==> flow/design.v <==
module u_shft_stage #(
    parameter integer DW = 96,
    parameter integer LG = $clog2(DW)
) (
    input wire clock,
    input wire [DW-1:0] d_i,
    input wire [LG-1:0] sa_i,
    output wire [DW-1:0] dout_o
);
    reg [DW-1:0] d_q;
    reg [LG-1:0] sa_q;
    always @(posedge clock) begin
        d_q <= d_i;
        sa_q <= sa_i;
    end
    wire [DW-1:0] n_ [0:LG];
    assign n_[0] = d_q;
    genvar k;
    generate
        for (k = 0; k < LG; k = k + 1) begin : gen
            assign n_[k+1] = sa_q[k] ? n_[k] << (1 << k) : n_[k];
        end
    endgenerate
    assign dout_o = n_[LG];
endmodule
# From RTL to reports: u_shft_stage
# What the tools print for u_shft_stage, step after step.
# Line numbers count from 1 in the design file above.
# Library cell names are shortened.
# The mark -- stands for no value.
# inputs
design	u_shft_stage
clock_port	clock
cell_library	sky130hd
lib_corner	tt_025C_1v80

# Elaborated design
# Source: Yosys, flattened and elaborated. Widths are those after wreduce; folded enables and synchronous resets count as part of the registers. Registers that Yosys merges into a memory's read port (data or address) are not register bits. Print and check cells do not count. Equal cells are merged and count once.
# classes
muxes	7
# op_table
cell	n
two-way mux 96 bit	7
# bits
ff_bits	103
output_inout_bits	96
elab_cells	9

# Depth
# Yosys ltp: most cells in a row. Word level: on the elaborated netlist, between registers, memories and ports. Mapped: between sequential cells and ports; inverters and the memories' decode and read muxes count.
# logic_depth
ltp_word	7
abc_area	0
mapped_depth	11
ltp_nobuf	6

# Mapped cells and area
# Source: synth_stat.txt of the flow (Yosys; design flattened, memories mapped). It holds for the ABC_AREA given above (unset counts as 0); a run with the other value may have another netlist.
# Totals and module areas in this step are rounded.
# mapped
stdcells	1077
synth_area_um2	9930
seq_area_um2	2060
ffs	103
buf_cells	92
# types
cell	n	area_total_um2
dfxtp_1	103	2.06E+03
mux4_2	78	1.76E+03
mux2i_1	128	1.28E+03
mux2_2	75	844.56
nor2_1	116	435.418
nand2_1	115	431.664
o22ai_1	62	387.872
o221ai_1	25	218.96
a21oi_1	37	185.178
o21ai_0	36	180.173
buf_6	15	168.912
clkbuf_1	33	123.869
buf_2	22	110.106
o211ai_1	13	97.594
a211oi_1	12	90.086
buf_4	12	90.086
a2bb2oi_1	10	87.584
nand3_1	13	65.062
# Not listed: further types 46, cells in them 172.

# Worst setup path after synthesis
# OpenSTA on the mapped netlist: ideal clock, no wires. The path of least setup slack (recovery checks aside). Input and output delay are each 20% of the period. Register names are those of the netlist, which keeps one name where synthesis merged equal registers.
# synth_timing
path_type	flip-flop to output port
from	register sa_q[0]
to	output dout_o[89]
period_ns	3.31
t_first_pin_ns	0.000
arrival_ns	2.119
required_ns	2.648
setup_slack_ns	0.529
delay_ns	2.119
path_stages	9
n_path_buf	4
synth_period_reached_ns	2.781
# "delay_ns" = arrival - input delay + setup time.
# A path that ends at an output port has no setup time.
# "path_stages" counts driving pins, that of a launching flip-flop among them; a cell with two outputs on the path counts twice.
# "synth_period_reached_ns" = period - worst setup slack (recovery checks aside). The figure is calculated, with input and output delays left at 20% of the set period.
# Between the ends stands the longest chain of elaborated cells between them, by number of cells; it is not shown to be the way that was timed. Of several equally long chains one is given.
# Each line given opens the expression or statement behind the cell; cells for indexed reads and writes are added by Yosys, which also makes memories of some case tables.
# synth_via
cell_sequence	dfxtp_1 buf_6 buf_6 buf_8 buf_6 mux2_2 mux2_2 mux2_2 a222oi_1
elab_chain_cells	7
# synth_rtl
element	line	source
start: declaration	11	reg [LG-1:0] sa_q;
start: assignment	14	sa_q <= sa_i;
two-way mux 96 bit x7	21	assign n_[k+1] = sa_q[k] ? n_[k] << (1 << k) : n_[k];
end: declaration	8	output wire [DW-1:0] dout_o

# Worst path after layout
# Path of least setup slack in the final report of entry A (OpenROAD, finished layout, wires in). Where an end is a register, its clock arrival counts in the times.
# layout_timing
path_type	flip-flop to output port
from	register sa_q[0]
to	output dout_o[93]
period_ns	3.08
t_first_pin_ns	0.37
arrival_ns	2.96
required_ns	2.46
setup_slack_ns	-0.50
path_stages	11
n_path_buf	5
# Between the ends stands the longest chain of elaborated cells between them, by number of cells; it is not shown to be the way that was timed. Of several equally long chains one is given.
# layout_via
cell_sequence	dfxtp_4 buf_12 buf_8 buf_16 mux4_2 mux2_4 mux2_4 mux2i_2 buf_6 o211ai_1 buf_2
elab_chain_cells	7
# layout_rtl
element	line	source
start: declaration	11	reg [LG-1:0] sa_q;
start: assignment	14	sa_q <= sa_i;
two-way mux 96 bit x7	21	assign n_[k+1] = sa_q[k] ? n_[k] << (1 << k) : n_[k];
end: declaration	8	output wire [DW-1:0] dout_o

# Top module u_shft_stage; platform sky130hd; tools Yosys and OpenROAD; 2 stored runs in no particular order. Input and output delays are each 20% of the period that was set; the output load is 0.01 pF.
# "critical_path_time_ns": the worst setup path's part of the clock period (all of it between registers, 20% less for each end at a port) less its slack. A launch clock that arrives late makes it longer, a capture clock that arrives late makes it shorter.
# Results are given in rounded form.
# Among the settings, - means not set for that run.
name,entry A,entry B
period_ns,3.08,3.31
CORE_UTILIZATION,26,40
SETUP_SLACK_MARGIN,0.29,-
CELL_PAD_IN_SITES_DETAIL_PLACEMENT,1,-
TNS_END_PERCENT,90,-
SLEW_MARGIN,0,20
MIN_ROUTING_LAYER,met1,-
MAX_ROUTING_LAYER,met5,-
CAP_MARGIN,20,20
CORE_MARGIN,2,2
ys_area_um2,9930,9930
critical_path_time_ns,2.96,2.96
worstPathKind,flip-flop to output port,flip-flop to output port
final_cell_area_um2,19500,17900
final_die_area_um2,39800,26100
setup_ws_ns,-0.498,-0.308
finish.utilization_pct,51.9,73.7
worst_hold_slack_ns,0.665,0.719
